==> flow/design.v <==
module as_core_n #(
    parameter WIDTH = 18
) (
    input  wire clk,
    input  wire [WIDTH-1:0] i_op_a,
    input  wire [WIDTH-1:0] i_op_b,
    output wire [WIDTH-1:0] o_res
);
    reg [WIDTH-1:0] op_a_r;
    reg [WIDTH-1:0] op_b_r;
    always @(posedge clk) begin
        op_a_r <= i_op_a;
        op_b_r <= i_op_b;
    end
    assign o_res = (op_a_r > op_b_r) ? op_a_r - op_b_r : op_b_r - op_a_r;
endmodule
### Reports on as_core_n

Tool output for the design above, in the order of the flow.
Lines are those of the file above, counted from 1.
A cell with -- has no value.

| set-up | value |
|---|---|
| top | as_core_n |
| clock input | clk |
| library | sky130hd |
| corner | tt_025C_1v80 |

### After elaboration

Yosys after proc, flatten, opt, wreduce and memory -nomap, before mapping. Enables and synchronous resets that opt folds into registers are not counted as muxes. Memory bits, and registers merged into a memory's read port (data or address), are not among the register bits. Print and check cells are not counted. Equal cells are merged and count once.

| bit counts | value |
|---|---|
| input bits | 37 |
| output and inout bits | 18 |
| register bits after elaboration | 36 |
| cells after elaboration | 6 |

| operators by class | value |
|---|---|
| add/sub/neg operators | 2 |
| magnitude comparators | 1 |
| multiplexer cells | 1 |

Operators by type and width:

| cell | number |
|---|---|
| 18-bit subtractor | 2 |
| 18-bit > comparator | 1 |
| 18-bit two-way mux | 1 |

### Longest topological paths

Yosys ltp: most cells in a row. Word level: on the elaborated netlist, between registers, memories and ports. Mapped: between sequential cells and ports; inverters and the memories' decode and read muxes count.

| logic depth | value |
|---|---|
| depth after elaboration | 2 |
| ABC_AREA | 0 |
| gate-level depth with buffers | 11 |
| gate-level depth less buffers | 10 |

### After synthesis

Yosys stat after the flow's synthesis: flattened, memories mapped to cells. It holds for the ABC_AREA given above (unset counts as 0); a run with the other value may have another netlist.
The area totals of this step are shown rounded.

Cells by type:

| type | number | total area (um2) |
|---|---|---|
| sky130_fd_sc_hd__dfxtp_1 | 36 | 720.691 |
| sky130_fd_sc_hd__ha_1 | 35 | 437.92 |
| sky130_fd_sc_hd__inv_1 | 45 | 168.912 |
| sky130_fd_sc_hd__a21oi_1 | 32 | 160.154 |
| sky130_fd_sc_hd__a21o_1 | 18 | 135.13 |
| sky130_fd_sc_hd__mux2i_1 | 8 | 80.077 |
| sky130_fd_sc_hd__xnor2_1 | 9 | 78.826 |
| sky130_fd_sc_hd__xor2_1 | 7 | 61.309 |
| sky130_fd_sc_hd__nand2_1 | 16 | 60.058 |
| sky130_fd_sc_hd__fa_1 | 2 | 40.038 |
| sky130_fd_sc_hd__buf_4 | 5 | 37.536 |
| sky130_fd_sc_hd__o21ai_0 | 7 | 35.034 |
| sky130_fd_sc_hd__buf_6 | 3 | 33.782 |
| sky130_fd_sc_hd__nor2_1 | 9 | 33.782 |
| sky130_fd_sc_hd__nand4_1 | 5 | 31.28 |
| sky130_fd_sc_hd__o211ai_1 | 4 | 30.029 |
| sky130_fd_sc_hd__a221oi_4 | 1 | 26.275 |
| sky130_fd_sc_hd__o21ai_2 | 3 | 26.275 |

Other cell types: 32; their cells: 51.

| mapped netlist | value |
|---|---|
| flip-flop cells | 36 |
| cells in the netlist | 296 |
| buffers | 16 |
| mapped area | 2600 um2 |
| sequential part of the area | 720 um2 |

### Worst setup path after synthesis

OpenSTA on the mapped netlist: ideal clock, no wires. The path of least setup slack (recovery checks aside). Input and output delay are each 20% of the period. Register names are those of the netlist, which keeps one name where synthesis merged equal registers.

| path after synthesis | value |
|---|---|
| kind | register to output |
| start point | reg op_a_r[0] |
| end point | out o_res[12] |
| driving pins on the path | 11 |
| external output delay | 756 ps |
| clock period | 3780 ps |
| buffers on the path | 1 |
| delay of the path | 2419 ps |
| arrival | 2419 ps |
| time at the first pin | 0 ps |
| required time | 3024 ps |
| path slack | 605 ps |
| period reached after synthesis | 3175 ps |

"delay of the path" = arrival - input delay + setup time.
A path that ends at an output port has no setup time.
"driving pins on the path": output pins that drive a net of the path, with the launching flip-flop's if there is one; two outputs of one cell count as two.
"period reached after synthesis" is the clock period less the worst setup slack; recovery checks do not enter. This is arithmetic on one report: input and output delays are still those of the set period (20% each).
Between the ends stands the longest chain of elaborated cells between them, by number of cells; it is not shown to be the way that was timed. Of several equally long chains one is given.
Each line given opens the expression or statement behind the cell; cells for indexed reads and writes are added by Yosys, which also makes memories of some case tables.

| on the way, after synthesis | value |
|---|---|
| path through | sky130_fd_sc_hd__dfxtp_1 -> sky130_fd_sc_hd__inv_1 -> sky130_fd_sc_hd__ha_1 -> sky130_fd_sc_hd__fa_1 -> sky130_fd_sc_hd__nand4b_1 -> sky130_fd_sc_hd__a41o_1 -> sky130_fd_sc_hd__o311ai_4 -> sky130_fd_sc_hd__a31oi_4 -> sky130_fd_sc_hd__buf_6 -> sky130_fd_sc_hd__mux2i_1 -> sky130_fd_sc_hd__xor2_1 |
| cells in the longest elaborated chain | 2 |
| elaborated cells on any way between the ends | 4 |
| source lines of those cells | 1 |
| those cells by class | 2 x add/sub; 1 x compare; 1 x mux |

Ends and longest elaborated chain, after synthesis:

| item | RTL line | source |
|---|---|---|
| start, declared | 9 | `reg [WIDTH-1:0] op_a_r;` |
| start, assigned | 12 | `op_a_r <= i_op_a;` |
| 18-bit subtractor | 15 | `assign o_res = (op_a_r > op_b_r) ? op_a_r - op_b_r : op_b_r - op_a_r;` |
| 18-bit two-way mux | 15 |  |
| end, declared | 7 | `output wire [WIDTH-1:0] o_res` |

### Worst path after layout

Path of least setup slack in the final report of run A (OpenROAD, finished layout, wires in). Where an end is a register, its clock arrival counts in the times.
The report prints the path's times to 10 ps; the period is as set.

| path after layout | value |
|---|---|
| kind | register to output |
| start point | reg op_a_r[0] |
| end point | out o_res[9] |
| arrival | 2940 ps |
| clock period | 3450 ps |
| driving pins on the path | 12 |
| buffers on the path | 2 |
| time at the first pin | 280 ps |
| required time | 2760 ps |
| external output delay | 690 ps |
| path slack | -180 ps |

Between the ends stands the longest chain of elaborated cells between them, by number of cells; it is not shown to be the way that was timed. Of several equally long chains one is given.

| on the way, after layout | value |
|---|---|
| path through | sky130_fd_sc_hd__dfxtp_2 -> sky130_fd_sc_hd__inv_2 -> sky130_fd_sc_hd__ha_4 -> sky130_fd_sc_hd__fa_2 -> sky130_fd_sc_hd__nand4b_1 -> sky130_fd_sc_hd__a41o_1 -> sky130_fd_sc_hd__o311ai_4 -> sky130_fd_sc_hd__a31oi_4 -> sky130_fd_sc_hd__buf_12 -> sky130_fd_sc_hd__mux2i_1 -> sky130_fd_sc_hd__xor2_1 -> sky130_fd_sc_hd__buf_2 |
| cells in the longest elaborated chain | 2 |
| elaborated cells on any way between the ends | 4 |
| source lines of those cells | 1 |
| those cells by class | 2 x add/sub; 1 x compare; 1 x mux |

Ends and longest elaborated chain, after layout:

| item | RTL line | source |
|---|---|---|
| start, declared | 9 | `reg [WIDTH-1:0] op_a_r;` |
| start, assigned | 12 | `op_a_r <= i_op_a;` |
| 18-bit subtractor | 15 | `assign o_res = (op_a_r > op_b_r) ? op_a_r - op_b_r : op_b_r - op_a_r;` |
| 18-bit two-way mux | 15 |  |
| end, declared | 7 | `output wire [WIDTH-1:0] o_res` |

Hand-over note for as_core_n

Top module as_core_n; platform sky130hd; tools Yosys and OpenROAD; 3 stored runs in no particular order. Input and output delays are each 20% of the period that was set; the output load is 0.01 pF.
By "clock period reached" is meant the clock period of the run minus its worst setup slack. This is arithmetic on one report: input and output delays are still those of the set period (20% each).
"worst setup path time" = time allowed to the worst setup path (clock period - input delay - output delay, where it has them) - its slack; a late launch clock adds to it, a late capture clock takes from it.
By "total power after layout" is meant OpenSTA's value without simulated activity: inputs other than the clock are taken to toggle once in ten clock periods, and the tool carries that through the logic.
"worst setup path time" is given in steps of 10 ps.
The results are shown rounded.
A setting shown as n/a is not set for that run.
Results: n/a = not shown.

| name | run A | run B | run C |
|---|---|---|---|
| period_ns | 3.45 | 3.17 | 3.78 |
| CORE_UTILIZATION | 24 | 37 | 40 |
| SETUP_SLACK_MARGIN | 0.81 | n/a | n/a |
| PLACE_DENSITY | 0.88 | n/a | n/a |
| CORE_ASPECT_RATIO | 1.66 | n/a | n/a |
| CORE_MARGIN | 7 | 2 | 2 |
| TNS_END_PERCENT | 5 | 15 | n/a |
| ABC_AREA | 0 | 0 | n/a |
| GPL_TIMING_DRIVEN | 1 | n/a | n/a |
| MAX_ROUTING_LAYER | met4 | n/a | n/a |
| CAP_MARGIN | 20 | 20 | 20 |
| SLEW_MARGIN | 20 | 20 | 20 |
| PLACE_DENSITY_LB_ADDON | n/a | 0.26 | n/a |
| HOLD_SLACK_MARGIN | n/a | -0.1 | n/a |
| CELL_PAD_IN_SITES_DETAIL_PLACEMENT | n/a | 2 | n/a |
| CTS_CLUSTER_SIZE | n/a | 84 | n/a |
| CTS_CLUSTER_DIAMETER | n/a | 400 | n/a |
| MIN_ROUTING_LAYER | n/a | met1 | n/a |
| worst setup path time (ps) | 2940 | n/a | 3010 |
| worst path kind | register to output | n/a | register to output |
| worst hold slack in the final report (ps) | 840 | n/a | 910 |
| lowest setup slack (ps) | -180 | n/a | 16 |
| area inside the die boundary (um2) | 14000 | n/a | 7200 |
| clock period reached (ps) | 3634 | n/a | 3764 |
| area of the standard cells in the finished layout (um2) | 3900 | n/a | 3400 |
| mapped cell area after synthesis (um2) | 2600 | n/a | 2600 |
| total power after layout (uW) | 1600 | n/a | 1200 |

Run B: did not finish, clock tree synthesis stopped with DPL-0033

End of note.
